==> flow/design.v <==
module multiplier_stage (clk, rs1, res);
  parameter integer DWIDTH = 28;
  parameter integer FACTOR = 365;
  localparam integer RES_W = DWIDTH + $clog2(FACTOR + 1);
  input clk;
  input [DWIDTH-1:0] rs1;
  output reg [RES_W-1:0] res;
  reg [RES_W-1:0] t;
  integer idx;
  always @* begin
    t = 0;
    for (idx = 0; idx < RES_W - DWIDTH; idx = idx + 1)
      if ((FACTOR >> idx) & 1) t = t + (rs1 << idx);
  end
  always @(posedge clk) begin
    res <= t;
  end
endmodule
## Step by step through the tools: multiplier_stage

The steps from the RTL of multiplier_stage to its reports follow in flow order.
Line numbers count from 1 in the design file above.
A cell with -- has no value.

| inputs | value |
|---|---|
| top module | multiplier_stage |
| clock input | clk |
| standard-cell library | sky130hd |
| timing corner | tt_025C_1v80 |

## After elaboration

Counts by Yosys on the flattened word-level netlist (proc, flatten, opt, wreduce; memories kept). Register bits leave out memories and registers merged into their read ports (data or address); mux counts leave out enables and synchronous resets folded into registers. Print and check cells are left out. Cells with the same type and inputs are merged into one.

| bit counts | value |
|---|---|
| bits in read-only memories | 0 |
| input port bits | 29 |
| flip-flop bits (word level) | 37 |
| word width x clocked read ports | 0 |
| latch bits | 0 |
| memory bits (writable) | 0 |
| cells after elaboration | 6 |
| output and inout port bits | 37 |
| memory cells | 0 |

| cells by class | value |
|---|---|
| muxes and demuxes | 0 |
| divide/modulo/power cells | 0 |
| add/subtract/negate cells | 5 |
| $mul | 0 |
| reductions and logical operators | 0 |
| order comparisons | 0 |
| shift operators | 0 |
| eq/ne operators | 0 |
| bitwise logic cells | 0 |

Operators by type and width:

| cell | count |
|---|---|
| adder 35 x 36 -> 37 bit | 1 |
| adder 34 x 34 -> 35 bit | 1 |
| adder 32 x 33 -> 34 bit | 1 |
| adder 31 x 31 -> 32 bit | 1 |
| adder 28 x 30 -> 31 bit | 1 |

## Logic depth

Yosys ltp: most cells in a row. Word level: on the elaborated netlist, between registers, memories and ports. Mapped: between sequential cells and ports; inverters and the memories' decode and read muxes count.

| depth | value |
|---|---|
| depth after elaboration | 5 |
| ABC_AREA | 0 |
| mapped depth | 16 |
| gate-level depth less buffers | 15 |

## Synthesis result

The flow's flattened synthesis, as Yosys stat reports it; memories are mapped. The netlist is that of the ABC_AREA named above (0 if unset); the other value can give another one.

| mapped netlist | value |
|---|---|
| area of sequential cells | 0.0007407 mm^2 |
| mapped flip-flops | 37 |
| synthesis area | 0.0053501 mm^2 |
| buffers | 8 |
| cell count | 577 |

Cells by type:

| cell | count | total area (um^2) |
|---|---|---|
| sky130_fd_sc_hd__fa_1 | 96 | 1.92E+03 |
| sky130_fd_sc_hd__dfxtp_1 | 37 | 740.71 |
| sky130_fd_sc_hd__inv_1 | 189 | 709.43 |
| sky130_fd_sc_hd__ha_1 | 52 | 650.624 |
| sky130_fd_sc_hd__xnor2_1 | 15 | 131.376 |
| sky130_fd_sc_hd__a21oi_1 | 26 | 130.125 |
| sky130_fd_sc_hd__xor2_1 | 14 | 122.618 |
| sky130_fd_sc_hd__a21o_1 | 11 | 82.579 |
| sky130_fd_sc_hd__nand2_1 | 18 | 67.565 |
| sky130_fd_sc_hd__nor2_1 | 15 | 56.304 |
| sky130_fd_sc_hd__o21bai_1 | 7 | 52.55 |
| sky130_fd_sc_hd__o21ai_0 | 10 | 50.048 |
| sky130_fd_sc_hd__nand4_1 | 6 | 37.536 |
| sky130_fd_sc_hd__o21a_1 | 5 | 37.536 |
| sky130_fd_sc_hd__a211oi_1 | 4 | 30.029 |
| sky130_fd_sc_hd__clkbuf_1 | 8 | 30.029 |
| sky130_fd_sc_hd__nand3_1 | 6 | 30.029 |
| sky130_fd_sc_hd__a311oi_1 | 3 | 26.275 |

Other cell types: 34; their cells: 55.

## Worst setup path after synthesis

OpenSTA on the mapped netlist: ideal clock, no wires. The path of least setup slack (recovery checks aside). Input and output delay are each 20% of the period. Register names are those of the netlist, which keeps one name where synthesis merged equal registers.

| path after synthesis | value |
|---|---|
| path kind | in2reg |
| from | in rs1[4] |
| to | reg res[35] |
| path slack | 0.935 ns |
| path buffers | 0 |
| input delay | 1.172 ns |
| arrival time | 4.789 ns |
| library setup time | 0.136 ns |
| data required time | 5.724 ns |
| stages | 15 |
| time at the first pin | 1.172 ns |
| period | 5.86 ns |
| path delay | 3.753 ns |
| synthesis period reached | 4.925 ns |

"path delay" is the arrival time less input delay plus setup time.
"stages" counts driving pins, that of a launching flip-flop among them; a cell with two outputs on the path counts twice.
"synthesis period reached" = period - worst setup slack (recovery checks aside). The figure is calculated, with input and output delays left at 20% of the set period.
Between the ends stands the longest chain of elaborated cells between them, by number of cells; it is not shown to be the way that was timed. Of several equally long chains one is given.
A line is the first line of the expression or statement that the cell stems from. Yosys adds cells for indexed reads and writes and turns some case tables into memories.

| between the ends, after synthesis | value |
|---|---|
| cells stage by stage | sky130_fd_sc_hd__inv_1 sky130_fd_sc_hd__fa_1 sky130_fd_sc_hd__inv_1 sky130_fd_sc_hd__fa_1 sky130_fd_sc_hd__inv_1 sky130_fd_sc_hd__fa_1 sky130_fd_sc_hd__inv_1 sky130_fd_sc_hd__ha_1 sky130_fd_sc_hd__a211o_1 sky130_fd_sc_hd__a211oi_4 sky130_fd_sc_hd__o31ai_1 sky130_fd_sc_hd__a221o_2 sky130_fd_sc_hd__a21oi_2 sky130_fd_sc_hd__o41ai_1 sky130_fd_sc_hd__xor2_1 |
| length of the longest elaborated chain | 5 |
| elaborated cells on any way between the ends | 5 |
| source lines of those cells | 1 |
| those cells by class | add/sub (5) |

Ends and longest elaborated chain, after synthesis:

| element | line | source |
|---|---|---|
| start: declaration | 6 | `input [DWIDTH-1:0] rs1;` |
| adder 28 x 30 -> 31 bit | 13 | `if ((FACTOR >> idx) & 1) t = t + (rs1 << idx);` |
| adder 31 x 31 -> 32 bit | 13 |  |
| adder 32 x 33 -> 34 bit | 13 |  |
| adder 34 x 34 -> 35 bit | 13 |  |
| adder 35 x 36 -> 37 bit | 13 |  |
| end: assignment | 16 | `res <= t;` |
| end: declaration | 7 | `output reg [RES_W-1:0] res;` |

## Path in the finished layout

From the final timing report of run 1: the path of least setup slack in the routed layout; clock arrival at registers is part of the times.

| path post-layout | value |
|---|---|
| path kind | in2reg |
| from | in rs1[3] |
| to | reg res[35] |
| period | 3.43 ns |
| library setup time | 0.12 ns |
| data required time | 3.61 ns |
| stages | 18 |
| time at the first pin | 0.69 ns |
| input delay | 0.69 ns |
| arrival time | 4.51 ns |
| path buffers | 3 |
| path slack | -0.90 ns |

Between the ends stands the longest chain of elaborated cells between them, by number of cells; it is not shown to be the way that was timed. Of several equally long chains one is given.

| between the ends, post-layout | value |
|---|---|
| cells stage by stage | sky130_fd_sc_hd__buf_8 sky130_fd_sc_hd__clkinvlp_4 sky130_fd_sc_hd__fa_2 sky130_fd_sc_hd__buf_6 sky130_fd_sc_hd__inv_2 sky130_fd_sc_hd__fa_1 sky130_fd_sc_hd__inv_2 sky130_fd_sc_hd__fa_1 sky130_fd_sc_hd__inv_2 sky130_fd_sc_hd__ha_4 sky130_fd_sc_hd__o21a_4 sky130_fd_sc_hd__a211oi_4 sky130_fd_sc_hd__buf_6 sky130_fd_sc_hd__o31ai_4 sky130_fd_sc_hd__a221o_2 sky130_fd_sc_hd__a21oi_4 sky130_fd_sc_hd__o41ai_2 sky130_fd_sc_hd__xor2_1 |
| length of the longest elaborated chain | 5 |
| elaborated cells on any way between the ends | 5 |
| source lines of those cells | 1 |
| those cells by class | add/sub (5) |

Ends and longest elaborated chain, post-layout:

| element | line | source |
|---|---|---|
| start: declaration | 6 | `input [DWIDTH-1:0] rs1;` |
| adder 28 x 30 -> 31 bit | 13 | `if ((FACTOR >> idx) & 1) t = t + (rs1 << idx);` |
| adder 31 x 31 -> 32 bit | 13 |  |
| adder 32 x 33 -> 34 bit | 13 |  |
| adder 34 x 34 -> 35 bit | 13 |  |
| adder 35 x 36 -> 37 bit | 13 |  |
| end: assignment | 16 | `res <= t;` |
| end: declaration | 7 | `output reg [RES_W-1:0] res;` |

==> runs of multiplier_stage <==
Record of 2 stored runs of the RTL-to-layout flow on multiplier_stage, platform sky130hd. The runs are unordered. Constraints: input delay and output delay 20% of the set period each, output load 0.01 pF.
"reached clock period" means the clock period less the worst setup slack. The figure is calculated, with input and output delays left at 20% of the set period.
"allowed time less slack (worst setup path)" is the time allowed to the run's worst setup path (the clock period less input and output delay, where it has them) less its slack. Clock arrival times count: a late capture clock shortens it, a late launch clock lengthens it.
"power consumption" is the tool's figure for a default switching activity; nothing was simulated.

#### Run 1

| setting | value |
|---|---|
| period_ns | `3.43` |
| CORE_UTILIZATION | `17` |
| SETUP_SLACK_MARGIN | `-0.32` |
| PLACE_DENSITY_LB_ADDON | `0.12` |
| CORE_ASPECT_RATIO | `1.1` |
| CORE_MARGIN | `4` |
| CELL_PAD_IN_SITES_GLOBAL_PLACEMENT | `1` |
| CELL_PAD_IN_SITES_DETAIL_PLACEMENT | `2` |
| GPL_TIMING_DRIVEN | `1` |
| GPL_ROUTABILITY_DRIVEN | `0` |
| CTS_CLUSTER_SIZE | `93` |
| CTS_CLUSTER_DIAMETER | `71` |
| CAP_MARGIN | `15` |
| SLEW_MARGIN | `25` |
| MIN_ROUTING_LAYER | `met2` |
| MAX_ROUTING_LAYER | `met5` |

| result | value |
|---|---|
| die size | 0.0343768 mm^2 |
| power consumption | 9950 uW |
| setup TNS | -16.631 ns |
| area of the synthesized netlist | 0.0053501 mm^2 |
| utilization of the finished layout | 30.3 % |
| smallest hold slack | 0.577 ns |
| lowest setup slack | -0.895 ns |
| reached clock period | 4.325 ns |
| allowed time less slack (worst setup path) | 3.64 ns |
| worst path kind | in2reg |

#### Run 2

| setting | value |
|---|---|
| period_ns | `5.86` |
| CAP_MARGIN | `20` |
| CORE_MARGIN | `2` |
| CORE_UTILIZATION | `40` |
| SLEW_MARGIN | `20` |

| result | value |
|---|---|
| die size | 0.0143161 mm^2 |
| power consumption | 3262 uW |
| setup TNS | 0.000 ns |
| area of the synthesized netlist | 0.0053501 mm^2 |
| utilization of the finished layout | 49.1 % |
| smallest hold slack | 1.463 ns |
| lowest setup slack | 0.327 ns |
| reached clock period | 5.533 ns |
| allowed time less slack (worst setup path) | 4.36 ns |
| worst path kind | in2reg |
